==> flow/design.v <==
module u_adder_p #(
  parameter DW = 16
) (
  input  core_clk,
  input  clr,
  input  [DW-1:0] in_da,
  input  [DW-1:0] in_db,
  input  in_cin,
  output [DW-1:0] out_s,
  output out_co
);
  wire [DW-1:0] nxt;
  wire [DW:0] carry;
  assign carry[0] = in_cin;
  genvar g;
  generate
    for (g = 0; g < DW; g = g + 1) begin : slice
      assign nxt[g] = in_da[g] ^ in_db[g] ^ carry[g];
      assign carry[g+1] = (in_da[g] & in_db[g]) | (carry[g] & (in_da[g] ^ in_db[g]));
    end
  endgenerate
  reg [DW-1:0] s_reg;
  always @(posedge core_clk or posedge clr) begin
    if (clr) begin
      s_reg <= 0;
    end else begin
      s_reg <= nxt;
    end
  end
  assign out_s = s_reg;
  reg co_reg;
  always @(posedge core_clk or posedge clr) begin
    if (clr) begin
      co_reg <= 1'b0;
    end else begin
      co_reg <= carry[DW];
    end
  end
  assign out_co = co_reg;
endmodule
-- From RTL to reports: u_adder_p
The steps from the RTL of u_adder_p to its reports follow in flow order.
Line numbers count from 1 in the design file above.
The mark -- stands for no value.
- design top: u_adder_p
- clock input: core_clk
- library: sky130hd
- library corner: tt_025C_1v80

-- After elaboration
Counts by Yosys on the flattened word-level netlist (proc, flatten, opt, wreduce; memories kept). Register bits leave out memories and registers merged into their read ports (data or address); mux counts leave out enables and synchronous resets folded into registers. Print and check cells are left out. Cells with the same type and inputs are merged into one.
- bitwise gates (word level): 80
- operator list (operator ; number):
    1-bit AND ; 32
    1-bit XOR ; 32
    1-bit bitwise OR ; 16
- word-level cells: 82
- noted register bits: 17
- noted bits of input ports: 35
- output and inout port bits at 17

-- Depth
Longest topological path by Yosys (ltp), each cell counted once; first at word level (registers and memories cut), then after technology mapping (sequential cells cut; the memories' decode and read muxes count).
- depth in word-level cells: 33
- ABC_AREA: 0
- noted mapped depth: 20
- noted gate-level depth less buffers: 20

-- Synthesis result
Yosys stat after the flow's synthesis: flattened, memories mapped to cells. It holds for the ABC_AREA given above (unset counts as 0); a run with the other value may have another netlist.
- cell types (cell type ; number ; area in all (um2)):
    sky130_fd_sc_hd__dfrtp_1 ; 17 ; 425.408
    sky130_fd_sc_hd__fa_1 ; 16 ; 320.307
    sky130_fd_sc_hd__inv_1 ; 11 ; 41.29
- noted buffer cells: 0
- cells in the netlist at 44
- area of sequential cells: 425.4 um2
- chip area (Yosys) at 787.0 um2
- noted flip-flops: 17

-- Path before layout
OpenSTA on the mapped netlist: ideal clock, no wires. The path of least setup slack (recovery checks aside). Input and output delay are each 20% of the period. Register names are those of the netlist, which keeps one name where synthesis merged equal registers.
- path kind: input -> register
- from: in in_da[0]
- to: reg s_reg[15]
- noted data required time: 9.506 ns
- noted setup time: 0.064 ns
- noted launch time at the first pin: 1.914 ns
- input delay: 1.914 ns
- stages on the path: 20
- noted path buffers: 0
- path delay at 6.127 ns
- clock period: 9.57 ns
- path slack: 1.529 ns
- noted arrival time: 7.977 ns
- synthesis period reached: 8.041 ns
"path delay" is the arrival time less input delay plus setup time.
"stages on the path" counts driving pins, that of a launching flip-flop among them; a cell with two outputs on the path counts twice.
"synthesis period reached" is the clock period less the worst setup slack; recovery checks do not enter. This is arithmetic on one report: input and output delays are still those of the set period (20% each).
Between the ends stands the longest chain of elaborated cells between them, by number of cells; it is not shown to be the way that was timed. Of several equally long chains one is given.
A line is the first line of the expression or statement that the cell stems from. Yosys adds cells for indexed reads and writes and turns some case tables into memories.
- path through: sky130_fd_sc_hd__fa_1 > sky130_fd_sc_hd__fa_1 > sky130_fd_sc_hd__fa_1 > sky130_fd_sc_hd__fa_1 > sky130_fd_sc_hd__fa_1 > sky130_fd_sc_hd__fa_1 > sky130_fd_sc_hd__fa_1 > sky130_fd_sc_hd__fa_1 > sky130_fd_sc_hd__fa_1 > sky130_fd_sc_hd__fa_1 > sky130_fd_sc_hd__fa_1 > sky130_fd_sc_hd__fa_1 > sky130_fd_sc_hd__fa_1 > sky130_fd_sc_hd__inv_1 > sky130_fd_sc_hd__fa_1 > sky130_fd_sc_hd__inv_1 > sky130_fd_sc_hd__fa_1 > sky130_fd_sc_hd__inv_1 > sky130_fd_sc_hd__fa_1 > sky130_fd_sc_hd__inv_1
- noted cells in the longest elaborated chain: 32
- noted elaborated cells between the ends (all ways): 33
- classes of those cells: logic (33)
- RTL lines, path after synthesis (element ; line ; source):
    start, declared ; 6 ; input  [DW-1:0] in_da,
    1-bit XOR ; 19 ; assign carry[g+1] = (in_da[g] & in_db[g]) | (carry[g] & (in_da[g] ^ in_db[g]));
    1-bit AND ; 19 ;
    1-bit bitwise OR ; 19 ;
    1-bit AND ; 19 ;
    1-bit bitwise OR ; 19 ;
    1-bit AND ; 19 ;
    1-bit bitwise OR ; 19 ;
    [18 not listed] ; -- ;
    1-bit AND ; 19 ;
    1-bit bitwise OR ; 19 ;
    1-bit AND ; 19 ;
    1-bit bitwise OR ; 19 ;
    1-bit AND ; 19 ;
    1-bit bitwise OR ; 19 ;
    1-bit XOR ; 18 ; assign nxt[g] = in_da[g] ^ in_db[g] ^ carry[g];
    end, assigned ; 25 ; s_reg <= 0;
    end, assigned ; 27 ; s_reg <= nxt;
    end, declared ; 22 ; reg [DW-1:0] s_reg;

-- Timing after layout
From the final timing report of flow run A: the path of least setup slack in the routed layout; clock arrival at registers is part of the times.
- path kind: input -> register
- from: in in_da[0]
- to: reg s_reg[15]
- noted data required time: 9.80 ns
- path slack: 1.14 ns
- clock period: 9.57 ns
- noted launch time at the first pin: 1.91 ns
- input delay: 1.91 ns
- stages on the path: 21
- noted arrival time: 8.66 ns
- noted setup time: 0.05 ns
- noted path buffers: 1
Between the ends stands the longest chain of elaborated cells between them, by number of cells; it is not shown to be the way that was timed. Of several equally long chains one is given.
- path through: sky130_fd_sc_hd__clkdlybuf4s50_1 > sky130_fd_sc_hd__fa_1 > sky130_fd_sc_hd__fa_1 > sky130_fd_sc_hd__fa_1 > sky130_fd_sc_hd__fa_1 > sky130_fd_sc_hd__fa_1 > sky130_fd_sc_hd__fa_1 > sky130_fd_sc_hd__fa_1 > sky130_fd_sc_hd__fa_1 > sky130_fd_sc_hd__fa_1 > sky130_fd_sc_hd__fa_1 > sky130_fd_sc_hd__fa_1 > sky130_fd_sc_hd__fa_1 > sky130_fd_sc_hd__fa_1 > sky130_fd_sc_hd__inv_1 > sky130_fd_sc_hd__fa_1 > sky130_fd_sc_hd__inv_1 > sky130_fd_sc_hd__fa_1 > sky130_fd_sc_hd__inv_1 > sky130_fd_sc_hd__fa_1 > sky130_fd_sc_hd__inv_1
- noted cells in the longest elaborated chain: 32
- noted elaborated cells between the ends (all ways): 33
- classes of those cells: logic (33)
- RTL lines, path after layout (element ; line ; source):
    start, declared ; 6 ; input  [DW-1:0] in_da,
    1-bit XOR ; 19 ; assign carry[g+1] = (in_da[g] & in_db[g]) | (carry[g] & (in_da[g] ^ in_db[g]));
    1-bit AND ; 19 ;
    1-bit bitwise OR ; 19 ;
    1-bit AND ; 19 ;
    1-bit bitwise OR ; 19 ;
    1-bit AND ; 19 ;
    1-bit bitwise OR ; 19 ;
    [18 not listed] ; -- ;
    1-bit AND ; 19 ;
    1-bit bitwise OR ; 19 ;
    1-bit AND ; 19 ;
    1-bit bitwise OR ; 19 ;
    1-bit AND ; 19 ;
    1-bit bitwise OR ; 19 ;
    1-bit XOR ; 18 ; assign nxt[g] = in_da[g] ^ in_db[g] ^ carry[g];
    end, assigned ; 25 ; s_reg <= 0;
    end, assigned ; 27 ; s_reg <= nxt;
    end, declared ; 22 ; reg [DW-1:0] s_reg;

# Flow runs of u_adder_p

Settings and measured results of 3 stored flow runs for module u_adder_p (sky130hd), not sorted in any way. The constraints put input and output delay at 20% of the set period each and load the outputs with 0.01 pF.
By "period achieved" is meant the clock period of the run minus its worst setup slack. This is arithmetic on one report: input and output delays are still those of the set period (20% each).
"worst setup path time" means the part of the period allowed to the worst setup path (the constraints hold back 20% at inputs and 20% at outputs) less its slack; where the path has registers, the arrival times of their clocks count too.
"power consumption": no workload was simulated; the value follows from the tool's default switching activity.

Flow run A
Settings were period_ns = 9.57; CAP_MARGIN = 20; CORE_MARGIN = 2; CORE_UTILIZATION = 40; SLEW_MARGIN = 20
- noted the die outline area: 2338.2 um2
- noted the worst setup path time: 6.52 ns
- worst path kind: input -> register
- power consumption at 193.2 uW
- noted the final design utilization: 0.714
- noted the total negative slack: 0.000 ns
- standard-cell area after routing: 1357.5 um2
- period achieved: 8.433 ns
- setup slack of the worst path at 1.137 ns
- chip area in the Yosys report: 787.0 um2

Flow run B
Settings were period_ns = 10.5; CORE_UTILIZATION = 26; PLACE_DENSITY_LB_ADDON = 0.15; CELL_PAD_IN_SITES_GLOBAL_PLACEMENT = 2; CELL_PAD_IN_SITES_DETAIL_PLACEMENT = 2; TNS_END_PERCENT = 15; GPL_ROUTABILITY_DRIVEN = 0; MAX_ROUTING_LAYER = met5; CAP_MARGIN = 20; CORE_MARGIN = 2; SLEW_MARGIN = 20
- noted the total negative slack: 0.000 ns
- power consumption at 178.4 uW
- period achieved: 8.640 ns
- noted the die outline area: 3482.8 um2
- standard-cell area after routing: 1362.6 um2
- chip area in the Yosys report: 787.0 um2
- setup slack of the worst path at 1.860 ns
- noted the final design utilization: 0.486
- noted the worst setup path time: 6.54 ns
- worst path kind: input -> register

Flow run C
Settings were period_ns = 5.26; CORE_UTILIZATION = 43; PLACE_DENSITY = 0.54; CORE_ASPECT_RATIO = 1.16; CORE_MARGIN = 2; CELL_PAD_IN_SITES_DETAIL_PLACEMENT = 2; TNS_END_PERCENT = 15; ABC_AREA = 0; CTS_CLUSTER_DIAMETER = 126; CAP_MARGIN = 5; SLEW_MARGIN = 0; MAX_ROUTING_LAYER = met5
- unfinished; error DPL-0033 in placement
